==> flow/design.v <==
module reg_word #(parameter N = 8) (
    input wire clk,
    input wire en,
    input wire [N-1:0] d,
    output reg [N-1:0] q
);
    always @(posedge clk)
        if (en) q <= d;
endmodule
module mem_p #(
    parameter NUM_REGS = 20,
    parameter DATA_W = 10,
    parameter RP = 4,
    parameter ADDR_W = $clog2(NUM_REGS)
) (
    input i_clk,
    input in_wr_en,
    input [ADDR_W-1:0] in_write_addr,
    input [DATA_W-1:0] in_wd,
    input [RP*ADDR_W-1:0] in_read_addr,
    output reg [RP*DATA_W-1:0] out_rd
);
    wire [NUM_REGS*DATA_W-1:0] array;
    genvar ii;
    generate
        for (ii = 0; ii < NUM_REGS; ii = ii + 1) begin : row
            reg_word #(.N(DATA_W)) i_sub (.clk(i_clk), .en(in_wr_en && in_write_addr == ii), .d(in_wd), .q(array[ii*DATA_W +: DATA_W]));
        end
    endgenerate
    wire [RP*DATA_W-1:0] cur;
    genvar m;
    generate
        for (m = 0; m < RP; m = m + 1) begin : gen
            assign cur[m*DATA_W +: DATA_W] = array[in_read_addr[m*ADDR_W +: ADDR_W]*DATA_W +: DATA_W];
        end
    endgenerate
    always @(posedge i_clk) begin
        out_rd <= cur;
    end
endmodule
Tool chain data of mem_p. The steps from the RTL of mem_p to its reports follow in flow order. Line numbers count from 1 in the design file above. Operators carry their Yosys type and port widths (W data, S select, Z words). Not given: --

Design top: mem_p. Clock: i_clk. Standard-cell library: sky130hd. Corner: tt_025C_1v80.

After elaboration. Counts by Yosys on the flattened word-level netlist (proc, flatten, opt, wreduce; memories kept). Register bits leave out memories and registers merged into their read ports (data or address); mux counts leave out enables and synchronous resets folded into registers. Print and check cells are left out. Cells with the same type and inputs are merged into one.

The entry for bits in registers reads 240. For cells after elaboration the number is 69. Under bits of input ports stands 37. Output and inout port bits: 40.

Multiply operators: 4. The entry for reductions and logical operators reads 21. Under shift operators stands 4. For equality and inequality tests the number is 19.

Operators with widths (number): $shiftx A200 B10 Y10 (4); $mul A5 B3 Y8 const B (4); $eq A5 B4 Y1 const B (8); $logic_and A1 B1 Y1 (20); $eq A5 B3 Y1 const B (4); $eq A5 B5 Y1 const B (4); $eq A5 B2 Y1 const B (2); $eq A5 B1 Y1 const B (1); $logic_not A5 Y1 (1).

Longest topological paths. Yosys ltp: most cells in a row. Word level: on the elaborated netlist, between registers, memories and ports. Mapped: between sequential cells and ports; inverters and the memories' decode and read muxes count.

The figure for depth after elaboration is 2. Under ABC_AREA stands 0. For depth in mapped cells the number is 7. For gate-level depth less buffers the number is 4.

Synthesis result. The flow's flattened synthesis, as Yosys stat reports it; memories are mapped. The netlist is that of the ABC_AREA named above (0 if unset); the other value can give another one.

For mapped cells the number is 961. Mapped area: 13606.8 um^2. The figure for flip-flop cells is 240.

Cells by type (number): sky130_fd_sc_hd__edfxtp_1 (200); sky130_fd_sc_hd__mux4_2 (97); sky130_fd_sc_hd__mux2i_1 (183); sky130_fd_sc_hd__dfxtp_1 (40); sky130_fd_sc_hd__a22oi_1 (56); sky130_fd_sc_hd__mux2_2 (26); sky130_fd_sc_hd__mux4_1 (11); sky130_fd_sc_hd__nand2_1 (71); sky130_fd_sc_hd__nand3_1 (51); sky130_fd_sc_hd__buf_2 (34); sky130_fd_sc_hd__nor2b_1 (17); sky130_fd_sc_hd__nor2_1 (28); sky130_fd_sc_hd__a21oi_1 (19); sky130_fd_sc_hd__clkbuf_1 (19); sky130_fd_sc_hd__nand4_1 (11); sky130_fd_sc_hd__a221o_1 (6); sky130_fd_sc_hd__buf_1 (15); sky130_fd_sc_hd__nand2b_1 (9).

Not listed: further types 16, cells in them 68. The figures by module come from a second, unflattened synthesis with its own total; it is not the netlist above.

The entry for cell total of the unflattened synthesis reads 817. Under area total of the unflattened synthesis stands 13570.5 um^2.

Rows give one instance, submodules left out.

Modules: mem_p (instances 1, seq. area 800.8 um^2, area 7564.8 um^2, cells 617); reg_word (N=10) (instances 20, seq. area 300.3 um^2, area 300.3 um^2, cells 10).

Path before layout. OpenSTA on the mapped netlist: ideal clock, no wires. The path of least setup slack (recovery checks aside). Input and output delay are each 20% of the period. Register names are those of the netlist, which keeps one name where synthesis merged equal registers.

Path type: input -> register. Start: in in_write_addr[3]. End: reg row[18].i_sub.q[0]. The entry for delay of the path reads 1.632 ns. Under data arrival time stands 1.750 ns. The figure for stages is 4. The figure for launch time at the first pin is 0.510 ns. The figure for slack is 0.407 ns. The figure for clock period is 2.55 ns. The figure for synthesis period reached is 2.143 ns.

"delay of the path" = arrival - input delay + setup time. "stages": output pins that drive a net of the path, with the launching flip-flop's if there is one; two outputs of one cell count as two. "synthesis period reached" = period - worst setup slack (recovery checks aside). The figure is calculated, with input and output delays left at 20% of the set period. Between the ends stands the longest chain of elaborated cells between them, by number of cells; it is not shown to be the way that was timed. Of several equally long chains one is given. A line is the first line of the expression or statement that the cell stems from. Yosys adds cells for indexed reads and writes and turns some case tables into memories.

Cell sequence: sky130_fd_sc_hd__clkbuf_1 > sky130_fd_sc_hd__nor2_1 > sky130_fd_sc_hd__nand3_1 > sky130_fd_sc_hd__nor3b_1. For length of the longest elaborated chain the number is 2.

Ends and longest elaborated chain, post-synthesis: from (decl) (line 18) `input [ADDR_W-1:0] in_write_addr,`; $eq A5 B5 Y1 (line 27) `reg_word #(.N(DATA_W)) i_sub (.clk(i_clk), .en(in_wr_en && in_write_addr == ii), .d(in_wd), .q(array[ii*DATA_W ...`; $logic_and A1 B1 Y1 (line 27); to (assign) (line 8) `if (en) q <= d;`; to (decl) (line 5) `output reg [N-1:0] q`.

Worst path after layout. Path of least setup slack in the final report of stored run 1 (OpenROAD, finished layout, wires in). Where an end is a register, its clock arrival counts in the times.

Path type: register -> output. Start: reg out_rd[14]. End: out out_rd[14]. Under data arrival time stands 1.53 ns. The figure for slack is 0.51 ns. The figure for stages is 2. The figure for clock period is 2.55 ns. For output delay the number is 0.51 ns. The figure for launch time at the first pin is 0.55 ns.

Cell sequence: sky130_fd_sc_hd__dfxtp_1 > sky130_fd_sc_hd__clkdlybuf4s50_1. For length of the longest elaborated chain the number is 0.

Ends and longest elaborated chain, after layout: from (decl) (line 21) `output reg [RP*DATA_W-1:0] out_rd`; from (assign) (line 38) `out_rd <= cur;`; to (decl) (line 21).

--- measured runs ---
Top module mem_p; platform sky130hd; tools Yosys and OpenROAD; 2 stored runs in no particular order. Input and output delays are each 20% of the period that was set; the output load is 0.01 pF. "critical path time" means the part of the period allowed to the worst setup path (the constraints hold back 20% at inputs and 20% at outputs) less its slack; where the path has registers, the arrival times of their clocks count too. "total power after layout" is the tool's figure for a default switching activity; nothing was simulated.

Files of stored run 1:
==> flow/run.sh <==
#!/bin/bash
# the make line also repeats the synthesis and layout settings of config.mk as NAME=value (left out here)
make -C /OpenROAD-flow-scripts/flow DESIGN_CONFIG=/design/flow/config.mk WORK_HOME=/design/flow/orfs CLKGATE_MAP_FILE= finish
==> flow/config.mk <==
export PLATFORM = sky130hd
export DESIGN_NAME = mem_p
export DESIGN_NICKNAME = mem_p
export VERILOG_FILES = /design/flow/design.v
export SDC_FILE = /design/flow/constraint.sdc
export NUM_CORES = 4
export LEC_CHECK = 0
export CAP_MARGIN = 20
export CORE_MARGIN = 2
export CORE_UTILIZATION = 40
export SLEW_MARGIN = 20
==> flow/constraint.sdc <==
create_clock -name core_clock -period 2.55 [get_ports {i_clk}]
set_input_delay 0.5100 -clock core_clock [delete_from_list [all_inputs] [get_ports {i_clk}]]
set_output_delay 0.5100 -clock core_clock [all_outputs]
set_load 0.01 [all_outputs]

Results of stored run 1. The worst setup slack after layout stands at 0.508 ns. The post-layout utilization reads 0.491. The measured total power after layout is 0.00964 W. The standard-cell area of the final layout stands at 16463.3 um^2. The post-route worst hold slack comes to 0.652 ns. For the Yosys chip area after synthesis the run shows 13606.8 um^2. The measured critical path time is 1.53 ns. Type of the worst setup path: register -> output. The area inside the die boundary is 35507.7 um^2. For the final setup TNS the run shows 0.000 ns.

Files of stored run 2:
==> flow/run.sh <==
#!/bin/bash
# the make line also repeats the synthesis and layout settings of config.mk as NAME=value (left out here)
make -C /OpenROAD-flow-scripts/flow DESIGN_CONFIG=/design/flow/config.mk WORK_HOME=/design/flow/orfs CLKGATE_MAP_FILE= finish
==> flow/config.mk <==
export PLATFORM = sky130hd
export DESIGN_NAME = mem_p
export DESIGN_NICKNAME = mem_p
export VERILOG_FILES = /design/flow/design.v
export SDC_FILE = /design/flow/constraint.sdc
export NUM_CORES = 4
export LEC_CHECK = 0
export CAP_MARGIN = 10
export CELL_PAD_IN_SITES_DETAIL_PLACEMENT = 0
export CELL_PAD_IN_SITES_GLOBAL_PLACEMENT = 0
export CORE_ASPECT_RATIO = 0.64
export CORE_MARGIN = 2
export CORE_UTILIZATION = 18
export GPL_ROUTABILITY_DRIVEN = 1
export PLACE_DENSITY_LB_ADDON = 0.13
export SLEW_MARGIN = 25
==> flow/constraint.sdc <==
create_clock -name core_clock -period 1.62 [get_ports {i_clk}]
set_input_delay 0.3240 -clock core_clock [delete_from_list [all_inputs] [get_ports {i_clk}]]
set_output_delay 0.3240 -clock core_clock [all_outputs]
set_load 0.01 [all_outputs]

Results of stored run 2. The worst setup slack after layout stands at -0.184 ns. The post-layout utilization reads 0.26. The measured total power after layout is 0.016341 W. The standard-cell area of the final layout stands at 19398.6 um^2. The post-route worst hold slack comes to 0.450 ns. For the Yosys chip area after synthesis the run shows 13606.8 um^2. The measured critical path time is 1.80 ns. Type of the worst setup path: register -> register. The area inside the die boundary is 77864.7 um^2. For the final setup TNS the run shows -0.391 ns.
--- end ---
